==> flow/design.v <==
module ex_shift_unit_v2 #(
  parameter NBITS = 8,
  parameter SEL_WIDTH = $clog2(NBITS)
) (
  input logic clock,
  input logic [NBITS-1:0] bus,
  input logic [NBITS-1:0] rhs,
  input logic [SEL_WIDTH-1:0] amt,
  output logic [NBITS-1:0] res
);
  logic [NBITS-1:0] r_bus;
  logic [NBITS-1:0] r_rhs;
  logic [SEL_WIDTH-1:0] r_amt;
  always_ff @(posedge clock) begin
    r_bus <= bus;
    r_rhs <= rhs;
    r_amt <= amt;
  end
  logic [2*NBITS-1:0] t;
  assign t = {r_rhs, r_bus} >> r_amt;
  assign res = t[NBITS-1:0];
endmodule
Ticket comment

Step by step through the tools: ex_shift_unit_v2
Tool output for the members of one design family, told apart by "NBITS", in the order of the flow.
The file above is the member NBITS 8. Line numbers count from 1 in each member's own file.
Cell names lack the library's common part.
The mark -- stands for no value.
- top: ex_shift_unit_v2
- clock: clock
- library: sky130hd
- timing corner: tt_025C_1v80

Members of the sweep
New or changed lines of each further member against the RTL above, in its own file; lines it lacks are not shown.
- new or changed lines (NBITS ; RTL line ; RTL):
    14 ; 2 ; parameter NBITS = 14,
    20 ; 2 ; parameter NBITS = 20,
    40 ; 2 ; parameter NBITS = 40,
    96 ; 2 ; parameter NBITS = 96,

After elaboration
Yosys after proc, flatten, opt, wreduce and memory -nomap, before mapping. Enables and synchronous resets that opt folds into registers are not counted as muxes. Memory bits, and registers merged into a memory's read port (data or address), are not among the register bits. Print and check cells are not counted. Equal cells are merged and count once.
- storage and ports (NBITS ; flip-flop bits (word level) ; cells after elaboration):
    8 ; 19 ; 4
    14 ; 32 ; 4
    20 ; 45 ; 4
    40 ; 86 ; 4
    96 ; 199 ; 4
- operators by class (NBITS ; shift operators):
    8 ; 1
    14 ; 1
    20 ; 1
    40 ; 1
    96 ; 1
- operators by type and width (NBITS ; kind and count):
    8 ; right shift 16 x 3 -> 8 bit: 1
    14 ; right shift 28 x 4 -> 14 bit: 1
    20 ; right shift 40 x 5 -> 20 bit: 1
    40 ; right shift 80 x 6 -> 40 bit: 1
    96 ; right shift 192 x 7 -> 96 bit: 1

Logic depth
Depth = most cells in a row (Yosys ltp): at word level without a register or memory, in the mapped netlist without a sequential cell, where the memories' decode and read muxes count.
- logic depth (NBITS ; depth in word-level cells ; ABC_AREA ; depth in mapped cells):
    8 ; 1 ; 0 ; 3
    14 ; 1 ; 0 ; 7
    20 ; 1 ; 0 ; 8
    40 ; 1 ; 0 ; 11
    96 ; 1 ; 0 ; 12

Synthesis result
The flow's flattened synthesis, as Yosys stat reports it; memories are mapped. The netlist is that of the ABC_AREA named above (0 if unset); the other value can give another one.
- cells by type (NBITS ; types with counts):
    8 ; dfxtp_1: 18; mux4_2: 10; mux2_2: 8; buf_6: 2; buf_1: 1
    14 ; dfxtp_1: 32; mux4_2: 12; mux2i_1: 25; mux2_2: 11; nand2_1: 13; a22oi_1: 5; buf_4: 5; nor2b_1: 4; o22ai_1: 4; a221o_1: 2; nand2b_1: 3; nor2_1: 5; o221ai_1: 2; a211oi_1: 2; a21oi_1: 3; mux2_4: 1; o211ai_1: 2; o21ai_0: 3; [+22]
    20 ; mux4_2: 43; dfxtp_1: 45; mux2_2: 35; mux2i_1: 20; a22oi_1: 16; nand2_1: 18; buf_2: 13; mux2_4: 4; nand3_1: 11; o211ai_1: 6; nor2b_1: 7; nor2_1: 10; a221oi_1: 4; a2bb2oi_1: 4; and2_1: 5; a222oi_1: 3; o21ai_0: 6; a211o_1: 3; [+63]
    40 ; mux4_2: 92; dfxtp_1: 86; mux2i_1: 92; mux2_2: 47; nand2_1: 59; a22oi_1: 19; nor2_1: 38; o22ai_1: 20; buf_2: 23; nand3_1: 22; o211ai_1: 14; o21ai_0: 21; o221ai_1: 10; buf_12: 4; buf_4: 10; a21oi_1: 14; clkbuf_8: 5; clkbuf_1: 17; [+136]
    96 ; dfxtp_1: 199; mux4_2: 113; mux2i_1: 200; mux2_2: 140; o22ai_1: 161; nand2_1: 203; nor2_1: 191; a22oi_1: 80; a211oi_1: 59; a21oi_1: 74; clkbuf_1: 94; o221ai_1: 40; a22o_1: 35; buf_2: 60; a221oi_1: 34; o21ai_0: 53; o211ai_1: 34; buf_6: 20; [+511]
A list marked [+n] leaves out that many cells.
- mapped netlist (NBITS ; standard cells after synthesis ; buffers ; flip-flops ; sequential part of the area (µm²) ; cell area after synthesis (µm²)):
    8 ; 39 ; 3 ; 18 ; 360.3 ; 701.9
    14 ; 156 ; 12 ; 32 ; 640.6 ; 1751.7
    20 ; 316 ; 29 ; 45 ; 900.9 ; 3564.7
    40 ; 729 ; 71 ; 86 ; 1721.7 ; 7841.3
    96 ; 2301 ; 221 ; 199 ; 3983.8 ; 20293.2

Worst setup path after synthesis
OpenSTA on the mapped netlist: ideal clock, no wires. The path of least setup slack (recovery checks aside). Input and output delay are each 20% of the period. Register names are those of the netlist, which keeps one name where synthesis merged equal registers.
- timing path post-synthesis (NBITS ; kind ; start ; end ; period (ns) ; path slack (ns) ; driving pins on the path ; path delay (ns) ; synthesis period reached (ns)):
    8 ; reg2out ; reg r_amt[0] ; out res[0] ; 1.96 ; 0.312 ; 4 ; 1.256 ; 1.648
    14 ; reg2out ; reg r_amt[0] ; out res[5] ; 2.53 ; 0.402 ; 6 ; 1.622 ; 2.128
    20 ; reg2out ; reg r_amt[0] ; out res[3] ; 2.81 ; 0.450 ; 7 ; 1.798 ; 2.36
    40 ; reg2out ; reg r_amt[1] ; out res[8] ; 3.27 ; 0.524 ; 9 ; 2.092 ; 2.746
    96 ; reg2out ; reg r_amt[0] ; out res[71] ; 3.89 ; 0.622 ; 9 ; 2.490 ; 3.268
"path delay" is the arrival time less input delay plus setup time.
At an output port there is no setup time.
"driving pins on the path" counts driving pins, that of a launching flip-flop among them; a cell with two outputs on the path counts twice.
"synthesis period reached" is the clock period less the worst setup slack; recovery checks do not enter. This is arithmetic on one report: input and output delays are still those of the set period (20% each).
The rows between start and end are the longest chain of elaborated cells between them; the timing report does not say that the signal goes this way. Where chains are equally long, one stands for them.
A line is the first line of the expression or statement that the cell stems from. Yosys adds cells for indexed reads and writes and turns some case tables into memories.
Between the ends, post-synthesis, NBITS 8:
- noted cells in the longest elaborated chain: 1
- RTL lines, path post-synthesis, NBITS 8 (what ; RTL line ; RTL):
    start: declaration ; 13 ; logic [SEL_WIDTH-1:0] r_amt;
    start: assignment ; 17 ; r_amt <= amt;
    right shift 16 x 3 -> 8 bit ; 20 ; assign t = {r_rhs, r_bus} >> r_amt;
    end: declaration ; 9 ; output logic [NBITS-1:0] res
Between the ends, post-synthesis, NBITS 96:
- noted cells in the longest elaborated chain: 1
- RTL lines, path post-synthesis, NBITS 96 (what ; RTL line ; RTL):
    start: declaration ; 13 ; logic [SEL_WIDTH-1:0] r_amt;
    start: assignment ; 17 ; r_amt <= amt;
    right shift 192 x 7 -> 96 bit ; 20 ; assign t = {r_rhs, r_bus} >> r_amt;
    end: declaration ; 9 ; output logic [NBITS-1:0] res

Path in the finished layout
From the final timing report of each member's run: the path of least setup slack in the routed layout; clock arrival at registers is part of the times.
- timing path post-layout (NBITS ; kind ; start ; end ; driving pins on the path ; period (ns) ; path slack (ns) ; arrival (ns)):
    8 ; reg2out ; reg r_amt[0] ; out res[2] ; 5 ; 1.96 ; -0.15 ; 1.72
    14 ; reg2out ; reg r_amt[2] ; out res[1] ; 8 ; 2.53 ; -0.02 ; 2.04
    20 ; reg2out ; reg r_amt[0] ; out res[10] ; 8 ; 2.81 ; -0.23 ; 2.48
    40 ; reg2out ; reg r_amt[1] ; out res[8] ; 11 ; 3.27 ; -0.14 ; 2.76
    96 ; reg2out ; reg r_amt[1] ; out res[83] ; 12 ; 3.89 ; -0.68 ; 3.80

Measured runs
One run of the flow (Yosys, OpenROAD) for each member, with settings and measured results. Input and output delays are each 20% of the period that was set; the output load is 0.01 pF.
- noted CAP_MARGIN: 20
- noted CORE_MARGIN: 2
- CORE_UTILIZATION: 40
- noted SLEW_MARGIN: 20
- settings by member (NBITS ; period_ns):
    8 ; 1.96
    14 ; 2.53
    20 ; 2.81
    40 ; 3.27
    96 ; 3.89
- measured results (NBITS ; lowest setup slack (ns) ; area of the standard cells in the finished layout (µm²) ; die size (µm²) ; utilization in the final report (%) ; cell area after synthesis (µm²)):
    8 ; -0.148 ; 1084.8 ; 2105.9 ; 64.2 ; 701.9
    14 ; -0.015 ; 2753.9 ; 4924.5 ; 64.1 ; 1751.7
    20 ; -0.228 ; 5267.6 ; 9682.6 ; 60.7 ; 3564.7
    40 ; -0.142 ; 11865.1 ; 20738.9 ; 61.4 ; 7841.3
    96 ; -0.684 ; 35750.5 ; 52551.0 ; 71.3 ; 20293.2
